==> flow/design.v <==
module core_summer_mod #(
   parameter integer DWIDTH = 12,
   parameter integer LANES = 3,
   parameter integer OUT_W = DWIDTH + $clog2(LANES)
) (
   input wire ck,
   input wire RST,
   input wire adv,
   input wire [LANES*DWIDTH-1:0] bus,
   output reg [OUT_W-1:0] s
);
   reg [OUT_W-1:0] val;
   integer t;
   always @(*) begin
      val = 0;
      for (t = 0; t < LANES; t = t + 1)
         val = val + bus[t*DWIDTH +: DWIDTH];
   end
   always @(posedge ck) begin
      if (RST) begin
         s <= 0;
      end else if (adv) begin
         s <= val;
      end
   end
endmodule
--- tool output ---
* From RTL to reports: core_summer_mod
Module core_summer_mod in several versions that differ in "LANES"; each step lists the members. The RTL above is that of LANES = 3; lines are counted from 1 in the file of the member named. Operators: Yosys type, input widths -> output width; for muxes data width and select width s. Library cell names are shortened. The mark - stands for no value.
Design: design top core_summer_mod, clock ck, cell library sky130hd, corner tt_025C_1v80

* Source of the members
New or changed lines of each further member against the RTL above, in its own file; lines it lacks are not shown.
Lines new or changed:
- LANES 4 | line 3 | parameter integer LANES = 4,
- LANES 7 | line 3 | parameter integer LANES = 7,
- LANES 10 | line 3 | parameter integer LANES = 10,
- LANES 16 | line 3 | parameter integer LANES = 16,
- LANES 20 | line 3 | parameter integer LANES = 20,

* Word-level counts
Yosys after proc, flatten, opt, wreduce and memory -nomap, before mapping. Enables and synchronous resets that opt folds into registers are not counted as muxes. Memory bits, and registers merged into a memory's read port (data or address), are not among the register bits. Print and check cells are not counted. Equal cells are merged and count once.
Storage and ports:
- LANES 3 | flip-flop bits (word level) 14, cells after elaboration 3, bits of input ports 39, output and inout bits 14
- LANES 4 | flip-flop bits (word level) 14, cells after elaboration 4, bits of input ports 51, output and inout bits 14
- LANES 7 | flip-flop bits (word level) 15, cells after elaboration 7, bits of input ports 87, output and inout bits 15
- LANES 10 | flip-flop bits (word level) 16, cells after elaboration 10, bits of input ports 123, output and inout bits 16
- LANES 16 | flip-flop bits (word level) 16, cells after elaboration 16, bits of input ports 195, output and inout bits 16
- LANES 20 | flip-flop bits (word level) 17, cells after elaboration 20, bits of input ports 243, output and inout bits 17
Operators by class ($add $sub $neg):
- LANES 3 | 2
- LANES 4 | 3
- LANES 7 | 6
- LANES 10 | 9
- LANES 16 | 15
- LANES 20 | 19
Operators with widths (kind and count):
- LANES 3 | 1 x $add 13x12->14; 1 x $add 12x12->13
- LANES 4 | 1 x $add 13x12->14; 1 x $add 14x12->14; 1 x $add 12x12->13
- LANES 7 | 3 x $add 15x12->15; 1 x $add 14x12->15; 1 x $add 13x12->14; 1 x $add 12x12->13
- LANES 10 | 5 x $add 16x12->16; 1 x $add 15x12->16; 1 x $add 14x12->15; 1 x $add 13x12->14; 1 x $add 12x12->13
- LANES 16 | 11 x $add 16x12->16; 1 x $add 15x12->16; 1 x $add 14x12->15; 1 x $add 13x12->14; 1 x $add 12x12->13
- LANES 20 | 14 x $add 17x12->17; 1 x $add 16x12->17; 1 x $add 15x12->16; 1 x $add 14x12->15; 1 x $add 13x12->14; 1 x $add 12x12->13

* Longest topological paths
Depth = most cells in a row (Yosys ltp): at word level without a register or memory, in the mapped netlist without a sequential cell, where the memories' decode and read muxes count.
Logic depth:
- LANES 3 | depth in word-level cells 2, ABC_AREA 0, gate-level depth with buffers 11, gate-level depth less buffers 11
- LANES 4 | depth in word-level cells 3, ABC_AREA 0, gate-level depth with buffers 11, gate-level depth less buffers 11
- LANES 7 | depth in word-level cells 6, ABC_AREA 0, gate-level depth with buffers 14, gate-level depth less buffers 14
- LANES 10 | depth in word-level cells 9, ABC_AREA 0, gate-level depth with buffers 19, gate-level depth less buffers 18
- LANES 16 | depth in word-level cells 15, ABC_AREA 0, gate-level depth with buffers 21, gate-level depth less buffers 21
- LANES 20 | depth in word-level cells 19, ABC_AREA 0, gate-level depth with buffers 20, gate-level depth less buffers 20

* Netlist
Yosys stat after the flow's synthesis: flattened, memories mapped to cells. It holds for the ABC_AREA given above (unset counts as 0); a run with the other value may have another netlist.
Synthesis totals:
- LANES 3 | area of sequential cells 280.3 µm², mapped cells 140, flip-flop cells 14, mapped area 1316.3 µm²
- LANES 4 | area of sequential cells 280.3 µm², mapped cells 208, flip-flop cells 14, mapped area 1769.2 µm²
- LANES 7 | area of sequential cells 300.3 µm², mapped cells 325, flip-flop cells 15, mapped area 2837.7 µm²
- LANES 10 | area of sequential cells 320.3 µm², mapped cells 359, flip-flop cells 16, mapped area 3612.2 µm²
- LANES 16 | area of sequential cells 320.3 µm², mapped cells 564, flip-flop cells 16, mapped area 5509.0 µm²
- LANES 20 | area of sequential cells 340.3 µm², mapped cells 679, flip-flop cells 17, mapped area 6834.1 µm²
Cell types (type and count):
- LANES 3 | 14 x dfxtp_1; 13 x fa_1; 11 x ha_1; 18 x nor2_1; 12 x a21oi_1; 6 x mux2i_1; 6 x xnor2_1; 3 x clkbuf_8; 11 x inv_1; 4 x a211oi_1; 2 x a211oi_2; 4 x and3_1; 5 x o21ai_0; 6 x nand2_1; 2 x a211o_1; 2 x a21oi_2; 1 x a2111oi_2; 2 x a21o_1; [+18]
- LANES 4 | 24 x fa_1; 14 x dfxtp_1; 68 x inv_1; 13 x ha_1; 6 x mux2i_1; 11 x a21oi_1; 14 x nor2_1; 4 x a211oi_1; 4 x a21o_1; 1 x a2111oi_4; 5 x o21ai_0; 3 x and3_1; 5 x nand2_1; 2 x xnor2_1; 3 x nand3_1; 2 x nor3b_1; 1 x a211oi_2; 2 x nand4_1; [+26]
- LANES 7 | 58 x fa_1; 131 x inv_1; 15 x dfxtp_1; 17 x ha_1; 15 x nor2_1; 7 x a21o_1; 7 x nand2b_1; 8 x a21oi_1; 4 x mux2i_1; 10 x nand2_1; 4 x xor2_1; 2 x a211oi_2; 2 x o211ai_2; 5 x o21ai_0; 3 x a211oi_1; 3 x nor3b_1; 1 x a211oi_4; 3 x o22ai_1; [+30]
- LANES 10 | 93 x fa_1; 119 x inv_1; 16 x dfxtp_1; 23 x ha_1; 9 x mux2i_1; 14 x nor2_1; 10 x a21oi_1; 8 x nand2b_1; 5 x xnor2_1; 11 x nand2_1; 4 x a21o_1; 5 x o21ai_0; 2 x or4b_1; 5 x clkbuf_1; 2 x nand4b_1; 1 x o31a_4; 1 x a41oi_2; 2 x a211oi_1; [+29]
- LANES 16 | 164 x fa_1; 265 x inv_1; 16 x dfxtp_1; 25 x ha_1; 8 x mux2i_1; 16 x nor2_1; 11 x a21oi_1; 7 x nand2b_1; 5 x xnor2_1; 5 x xor2_1; 7 x nand2_1; 4 x o21ai_0; 3 x o22ai_1; 1 x o311ai_2; 2 x a21o_1; 3 x nand3_1; 2 x o211ai_1; 2 x o21a_1; [+18]
- LANES 20 | 210 x fa_1; 304 x inv_1; 34 x ha_1; 17 x dfxtp_1; 15 x a21oi_1; 6 x mux2i_1; 14 x nor2_1; 6 x xnor2_1; 6 x nand2b_1; 4 x nand4b_1; 5 x o22ai_1; 8 x nand2_1; 3 x or4b_1; 3 x o311ai_1; 4 x nor2b_1; 4 x o21ai_1; 3 x a31oi_1; 5 x clkbuf_1; [+28]
The mark [+n] counts cells that are not listed.

* Timing after synthesis
Source: OpenSTA report_checks on the synthesized netlist (no wires, ideal clock, input and output delay 20% of the period each), path of least setup slack; recovery checks are left aside. Register names are those of the netlist, which keeps one name where synthesis merged equal registers.
Path after synthesis:
- LANES 3 | path kind in2reg, from in bus[1], to reg s[13], setup slack 0.555 ns, period 3.47 ns, driving pins on the path 9, path delay 2.221 ns, synthesis period reached 2.915 ns
- LANES 4 | path kind in2reg, from in bus[1], to reg s[11], setup slack 0.671 ns, period 4.21 ns, driving pins on the path 11, path delay 2.697 ns, synthesis period reached 3.539 ns
- LANES 7 | path kind in2reg, from in bus[2], to reg s[12], setup slack 0.888 ns, period 5.56 ns, driving pins on the path 14, path delay 3.560 ns, synthesis period reached 4.672 ns
- LANES 10 | path kind in2reg, from in bus[2], to reg s[13], setup slack 1.121 ns, period 6.99 ns, driving pins on the path 17, path delay 4.471 ns, synthesis period reached 5.869 ns
- LANES 16 | path kind in2reg, from in bus[146], to reg s[14], setup slack 1.183 ns, period 7.38 ns, driving pins on the path 19, path delay 4.721 ns, synthesis period reached 6.197 ns
- LANES 20 | path kind in2reg, from in bus[182], to reg s[13], setup slack 1.291 ns, period 8.06 ns, driving pins on the path 20, path delay 5.158 ns, synthesis period reached 6.769 ns
"path delay" is the arrival time less input delay plus setup time. "driving pins on the path": output pins that drive a net of the path, with the launching flip-flop's if there is one; two outputs of one cell count as two. "synthesis period reached" = period - worst setup slack (recovery checks aside). The figure is calculated, with input and output delays left at 20% of the set period. The rows between start and end are the longest chain of elaborated cells between them; the timing report does not say that the signal goes this way. Where chains are equally long, one stands for them. A line is the first line of the expression or statement that the cell stems from. Yosys adds cells for indexed reads and writes and turns some case tables into memories.
Between the ends, after synthesis, LANES = 3: length of the longest elaborated chain 2
Ends and longest elaborated chain, after synthesis, LANES = 3:
- from (decl) | line 9 | input wire [LANES*DWIDTH-1:0] bus,
- $add 12x12->13 | line 17 | val = val + bus[t*DWIDTH +: DWIDTH];
- $add 13x12->14 | line 17
- to (assign) | line 21 | s <= 0;
- to (assign) | line 23 | s <= val;
- to (decl) | line 10 | output reg [OUT_W-1:0] s
Between the ends, after synthesis, LANES = 20: length of the longest elaborated chain 5
Ends and longest elaborated chain, after synthesis, LANES = 20:
- from (decl) | line 9 | input wire [LANES*DWIDTH-1:0] bus,
- $add 17x12->17 (5 in a row) | line 17 | val = val + bus[t*DWIDTH +: DWIDTH];
- to (assign) | line 21 | s <= 0;
- to (assign) | line 23 | s <= val;
- to (decl) | line 10 | output reg [OUT_W-1:0] s

* Timing after layout
Path of least setup slack in the final report of the run of each member (OpenROAD, finished layout, wires in). Where an end is a register, its clock arrival counts in the times.
Path after layout:
- LANES 3 | path kind in2reg, from in bus[1], to reg s[13], period 3.47 ns, data arrival time 3.24 ns, driving pins on the path 10, setup slack 0.37 ns
- LANES 4 | path kind in2reg, from in bus[1], to reg s[7], period 4.21 ns, data arrival time 4.02 ns, driving pins on the path 12, setup slack 0.33 ns
- LANES 7 | path kind in2reg, from in bus[2], to reg s[13], period 5.56 ns, data arrival time 5.22 ns, driving pins on the path 14, setup slack 0.47 ns
- LANES 10 | path kind in2reg, from in bus[2], to reg s[13], period 6.99 ns, data arrival time 6.48 ns, driving pins on the path 18, setup slack 0.66 ns
- LANES 16 | path kind in2reg, from in bus[146], to reg s[12], period 7.38 ns, data arrival time 6.88 ns, driving pins on the path 20, setup slack 0.65 ns
- LANES 20 | path kind in2reg, from in bus[182], to reg s[13], period 8.06 ns, data arrival time 7.51 ns, driving pins on the path 21, setup slack 0.71 ns

* Measured runs
One run of the flow (Yosys, OpenROAD) for each member, with settings and measured results. Input and output delays are each 20% of the period that was set; the output load is 0.01 pF.
Flow settings: CAP_MARGIN 20, CORE_MARGIN 2, CORE_UTILIZATION 40, SLEW_MARGIN 20
Settings that differ (period_ns):
- LANES 3 | 3.47
- LANES 4 | 4.21
- LANES 7 | 5.56
- LANES 10 | 6.99
- LANES 16 | 7.38
- LANES 20 | 8.06
Final reports:
- LANES 3 | area of the synthesized netlist 1316.3 µm², die footprint 3765.7 µm², worst setup slack after layout 0.366 ns, achieved period 3.104 ns, worst hold slack in the final report 0.487 ns, utilization of the finished layout 0.612
- LANES 4 | area of the synthesized netlist 1769.2 µm², die footprint 4971.0 µm², worst setup slack after layout 0.330 ns, achieved period 3.880 ns, worst hold slack in the final report 0.485 ns, utilization of the finished layout 0.588
- LANES 7 | area of the synthesized netlist 2837.7 µm², die footprint 7783.6 µm², worst setup slack after layout 0.474 ns, achieved period 5.086 ns, worst hold slack in the final report 0.477 ns, utilization of the finished layout 0.585
- LANES 10 | area of the synthesized netlist 3612.2 µm², die footprint 9806.9 µm², worst setup slack after layout 0.661 ns, achieved period 6.329 ns, worst hold slack in the final report 0.476 ns, utilization of the finished layout 0.591
- LANES 16 | area of the synthesized netlist 5509.0 µm², die footprint 14727.0 µm², worst setup slack after layout 0.653 ns, achieved period 6.727 ns, worst hold slack in the final report 0.454 ns, utilization of the finished layout 0.593
- LANES 20 | area of the synthesized netlist 6834.1 µm², die footprint 18146.8 µm², worst setup slack after layout 0.707 ns, achieved period 7.353 ns, worst hold slack in the final report 0.483 ns, utilization of the finished layout 0.587
"achieved period" means the clock period less the worst setup slack. The figure is calculated, with input and output delays left at 20% of the set period.
--- end ---
